==> flow/design.v <==
module core_addsub_n #(
  parameter BITS = 28
) (
  input logic clock,
  input logic aresetn,
  input logic valid,
  input logic [BITS-1:0] src1,
  input logic [BITS-1:0] src2,
  output logic [BITS-1:0] q
);
  logic [BITS-1:0] r_src1;
  logic [BITS-1:0] r_src2;
  logic [BITS:0] r_t;
  always_ff @(posedge clock or negedge aresetn) begin
    if (~aresetn) begin
      r_src1 <= 0;
      r_src2 <= 0;
      r_t <= 0;
      q <= 0;
    end else if (valid) begin
      r_src1 <= src1;
      r_src2 <= src2;
      r_t <= r_src1 - r_src2;
      q <= r_t[BITS] ? {BITS{1'b0}} : r_t[BITS-1:0];
    end
  end
endmodule
# Step by step through the tools: core_addsub_n
# The steps from the RTL of core_addsub_n to its reports follow in flow order.
# Line numbers count from 1 in the design file above.
# Not given: --
# inputs
top_module	core_addsub_n
clock	clock
lib	sky130hd
corner	tt_025C_1v80

# Word level
# Counts by Yosys on the flattened word-level netlist (proc, flatten, opt, wreduce; memories kept). Register bits leave out memories and registers merged into their read ports (data or address); mux counts leave out enables and synchronous resets folded into registers. Print and check cells are left out. Cells with the same type and inputs are merged into one.
# word_totals
wordCells	6
in_bits	59
register_bits	113
output_inout_bits	28
# op_classes
mux	1
add_sub_neg	1
# op_table
cell	count
subtractor 28 x 28 -> 29 bit	1
two-way mux 28 bit	1

# Depth
# Depth = most cells in a row (Yosys ltp): at word level without a register or memory, in the mapped netlist without a sequential cell, where the memories' decode and read muxes count.
# depth
depth_word	1
ABC_AREA	0
ltp_mapped	9
depth_no_buf	9

# After synthesis
# The flow's flattened synthesis, as Yosys stat reports it; memories are mapped. The netlist is that of the ABC_AREA named above (0 if unset); the other value can give another one.
# The area totals of this step are shown rounded.
# by_type
cell	count	area_total_um2
sky130_fd_sc_hd__dfrtp_1	113	2.83E+03
sky130_fd_sc_hd__mux2_2	36	405.389
sky130_fd_sc_hd__ha_1	28	350.336
sky130_fd_sc_hd__o21ai_0	66	330.317
sky130_fd_sc_hd__inv_1	69	258.998
sky130_fd_sc_hd__nand2_1	69	258.998
sky130_fd_sc_hd__nand3b_1	25	187.68
sky130_fd_sc_hd__a21oi_1	34	170.163
sky130_fd_sc_hd__nor2_1	22	82.579
sky130_fd_sc_hd__clkbuf_1	19	71.318
sky130_fd_sc_hd__o21a_1	9	67.565
sky130_fd_sc_hd__o31ai_1	9	67.565
sky130_fd_sc_hd__nor3_1	13	65.062
sky130_fd_sc_hd__o211ai_1	8	60.058
sky130_fd_sc_hd__xnor2_1	6	52.55
sky130_fd_sc_hd__a21o_1	6	45.043
sky130_fd_sc_hd__nand3_1	9	45.043
sky130_fd_sc_hd__a31oi_1	7	43.792
# Not listed: further types 44, cells in them 86.
# mapped
flip_flops	113
n_buf	31
stdcells	634
synth_area_um2	6073
seq_area_um2	2828

# Path before layout
# Source: OpenSTA report_checks on the synthesized netlist (no wires, ideal clock, input and output delay 20% of the period each), path of least setup slack; recovery checks are left aside. Register names are those of the netlist, which keeps one name where synthesis merged equal registers.
# synth_timing
kind	register to register
from	reg r_src2[0]
to	reg r_t[24]
path_delay_ps	2315
path_buffers	0
period_ps	2890
setup_ps	82
t_first_pin_ps	0
required_time_ps	2808
setup_slack_ps	575
t_arrival_ps	2233
path_stages	9
synth_period_reached_ps	2315
# "path_delay_ps" is the arrival time less input delay plus setup time.
# "path_stages": output pins that drive a net of the path, with the launching flip-flop's if there is one; two outputs of one cell count as two.
# "synth_period_reached_ps" is the clock period less the worst setup slack; recovery checks do not enter. This is arithmetic on one report: input and output delays are still those of the set period (20% each).
# Between the ends stands the longest chain of elaborated cells between them, by number of cells; it is not shown to be the way that was timed. Of several equally long chains one is given.
# Each line given opens the expression or statement behind the cell; cells for indexed reads and writes are added by Yosys, which also makes memories of some case tables.
# synth_between
path_cell_list	sky130_fd_sc_hd__dfrtp_1 -> sky130_fd_sc_hd__ha_1 -> sky130_fd_sc_hd__fa_1 -> sky130_fd_sc_hd__nand2b_1 -> sky130_fd_sc_hd__a21oi_1 -> sky130_fd_sc_hd__o211ai_1 -> sky130_fd_sc_hd__and3_1 -> sky130_fd_sc_hd__or3_1 -> sky130_fd_sc_hd__a31oi_1
elab_chain_len	1
cells_between	1
cone_lines	1
cone_classes	add/sub (1)
# synth_rtl
item	line	text
from (decl)	12	logic [BITS-1:0] r_src2;
from (assign)	17	r_src2 <= 0;
from (assign)	22	r_src2 <= src2;
subtractor 28 x 28 -> 29 bit	23	r_t <= r_src1 - r_src2;
to (assign)	18	r_t <= 0;
to (assign)	23
to (decl)	13	logic [BITS:0] r_t;

# Worst path after layout
# Path of least setup slack in the final report of flow run A (OpenROAD, finished layout, wires in). Where an end is a register, its clock arrival counts in the times.
# The path's times are printed in steps of 10 ps; the period is the one set.
# layout_timing
kind	register to register
from	reg r_src2[0]
to	reg r_t[24]
t_arrival_ps	3030
setup_slack_ps	190
period_ps	2890
t_first_pin_ps	420
path_buffers	0
setup_ps	80
path_stages	9
required_time_ps	3220
# Between the ends stands the longest chain of elaborated cells between them, by number of cells; it is not shown to be the way that was timed. Of several equally long chains one is given.
# layout_between
path_cell_list	sky130_fd_sc_hd__dfrtp_1 -> sky130_fd_sc_hd__ha_1 -> sky130_fd_sc_hd__fa_1 -> sky130_fd_sc_hd__nand2b_1 -> sky130_fd_sc_hd__a21oi_1 -> sky130_fd_sc_hd__o211ai_1 -> sky130_fd_sc_hd__and3_1 -> sky130_fd_sc_hd__or3_1 -> sky130_fd_sc_hd__a31oi_1
elab_chain_len	1
cells_between	1
cone_lines	1
cone_classes	add/sub (1)
# layout_rtl
item	line	text
from (decl)	12	logic [BITS-1:0] r_src2;
from (assign)	17	r_src2 <= 0;
from (assign)	22	r_src2 <= src2;
subtractor 28 x 28 -> 29 bit	23	r_t <= r_src1 - r_src2;
to (assign)	18	r_t <= 0;
to (assign)	23
to (decl)	13	logic [BITS:0] r_t;

==> results <==
Record of 3 stored runs of the RTL-to-layout flow on core_addsub_n, platform sky130hd. The runs are unordered. Constraints: input delay and output delay 20% of the set period each, output load 0.01 pF.
"period_reached_ps" means the clock period less the worst setup slack. The figure is calculated, with input and output delays left at 20% of the set period.
Measured values are rounded.

Flow run A, flow files:
==> flow/run.sh <==
#!/bin/bash
# the make line also repeats the synthesis and layout settings of config.mk as NAME=value (left out here)
make -C /OpenROAD-flow-scripts/flow DESIGN_CONFIG=/design/flow/config.mk WORK_HOME=/design/flow/orfs CLKGATE_MAP_FILE= finish
==> flow/config.mk <==
export PLATFORM = sky130hd
export DESIGN_NAME = core_addsub_n
export DESIGN_NICKNAME = core_addsub_n
export VERILOG_FILES = /design/flow/design.v
export SDC_FILE = /design/flow/constraint.sdc
export NUM_CORES = 4
export LEC_CHECK = 0
export CAP_MARGIN = 20
export CORE_MARGIN = 2
export CORE_UTILIZATION = 40
export SLEW_MARGIN = 20
==> flow/constraint.sdc <==
create_clock -name core_clock -period 2.89 [get_ports {clock}]
set_input_delay 0.5780 -clock core_clock [delete_from_list [all_inputs] [get_ports {clock}]]
set_output_delay 0.5780 -clock core_clock [all_outputs]
set_load 0.01 [all_outputs]

==> results of flow run A, as CSV <==
result,value
finish.utilization_pct,51.0
worst_setup_slack_ps,192
finalCellArea_um2,7669
period_reached_ps,2698
ys_area_um2,6073
die_area_um2,16180

Flow run B, flow files:
==> flow/run.sh <==
#!/bin/bash
# the make line also repeats the synthesis and layout settings of config.mk as NAME=value (left out here)
make -C /OpenROAD-flow-scripts/flow DESIGN_CONFIG=/design/flow/config.mk WORK_HOME=/design/flow/orfs CLKGATE_MAP_FILE= finish
==> flow/config.mk <==
export PLATFORM = sky130hd
export DESIGN_NAME = core_addsub_n
export DESIGN_NICKNAME = core_addsub_n
export VERILOG_FILES = /design/flow/design.v
export SDC_FILE = /design/flow/constraint.sdc
export NUM_CORES = 4
export LEC_CHECK = 0
export CAP_MARGIN = 20
export CELL_PAD_IN_SITES_GLOBAL_PLACEMENT = 0
export CORE_MARGIN = 6
export CORE_UTILIZATION = 39
export GPL_ROUTABILITY_DRIVEN = 1
export GPL_TIMING_DRIVEN = 1
export MIN_ROUTING_LAYER = met1
export PLACE_DENSITY_LB_ADDON = 0.03
export SETUP_SLACK_MARGIN = 0.37
export SLEW_MARGIN = 20
==> flow/constraint.sdc <==
create_clock -name core_clock -period 2.36 [get_ports {clock}]
set_input_delay 0.4720 -clock core_clock [delete_from_list [all_inputs] [get_ports {clock}]]
set_output_delay 0.4720 -clock core_clock [all_outputs]
set_load 0.01 [all_outputs]

==> results of flow run B, as CSV <==
result,value
finish.utilization_pct,57.2
worst_setup_slack_ps,79
finalCellArea_um2,8701
period_reached_ps,2281
ys_area_um2,6073
die_area_um2,18710

Flow run C, flow files:
==> flow/run.sh <==
#!/bin/bash
# the make line also repeats the synthesis and layout settings of config.mk as NAME=value (left out here)
make -C /OpenROAD-flow-scripts/flow DESIGN_CONFIG=/design/flow/config.mk WORK_HOME=/design/flow/orfs CLKGATE_MAP_FILE= finish
==> flow/config.mk <==
export PLATFORM = sky130hd
export DESIGN_NAME = core_addsub_n
export DESIGN_NICKNAME = core_addsub_n
export VERILOG_FILES = /design/flow/design.v
export SDC_FILE = /design/flow/constraint.sdc
export NUM_CORES = 4
export LEC_CHECK = 0
export ABC_AREA = 0
export CAP_MARGIN = 30
export CELL_PAD_IN_SITES_DETAIL_PLACEMENT = 1
export CELL_PAD_IN_SITES_GLOBAL_PLACEMENT = 1
export CORE_ASPECT_RATIO = 1.27
export CORE_MARGIN = 2
export CORE_UTILIZATION = 59
export CTS_CLUSTER_SIZE = 20
export HOLD_SLACK_MARGIN = 0.24
export MAX_ROUTING_LAYER = met5
export MIN_ROUTING_LAYER = met1
export PLACE_DENSITY_LB_ADDON = 0.11
export SETUP_SLACK_MARGIN = 0.9
export SLEW_MARGIN = 35
export TNS_END_PERCENT = 35
==> flow/constraint.sdc <==
create_clock -name core_clock -period 3.95 [get_ports {clock}]
set_input_delay 0.7900 -clock core_clock [delete_from_list [all_inputs] [get_ports {clock}]]
set_output_delay 0.7900 -clock core_clock [all_outputs]
set_load 0.01 [all_outputs]

Flow run C: stopped before the end: clock tree synthesis reported DPL-0033
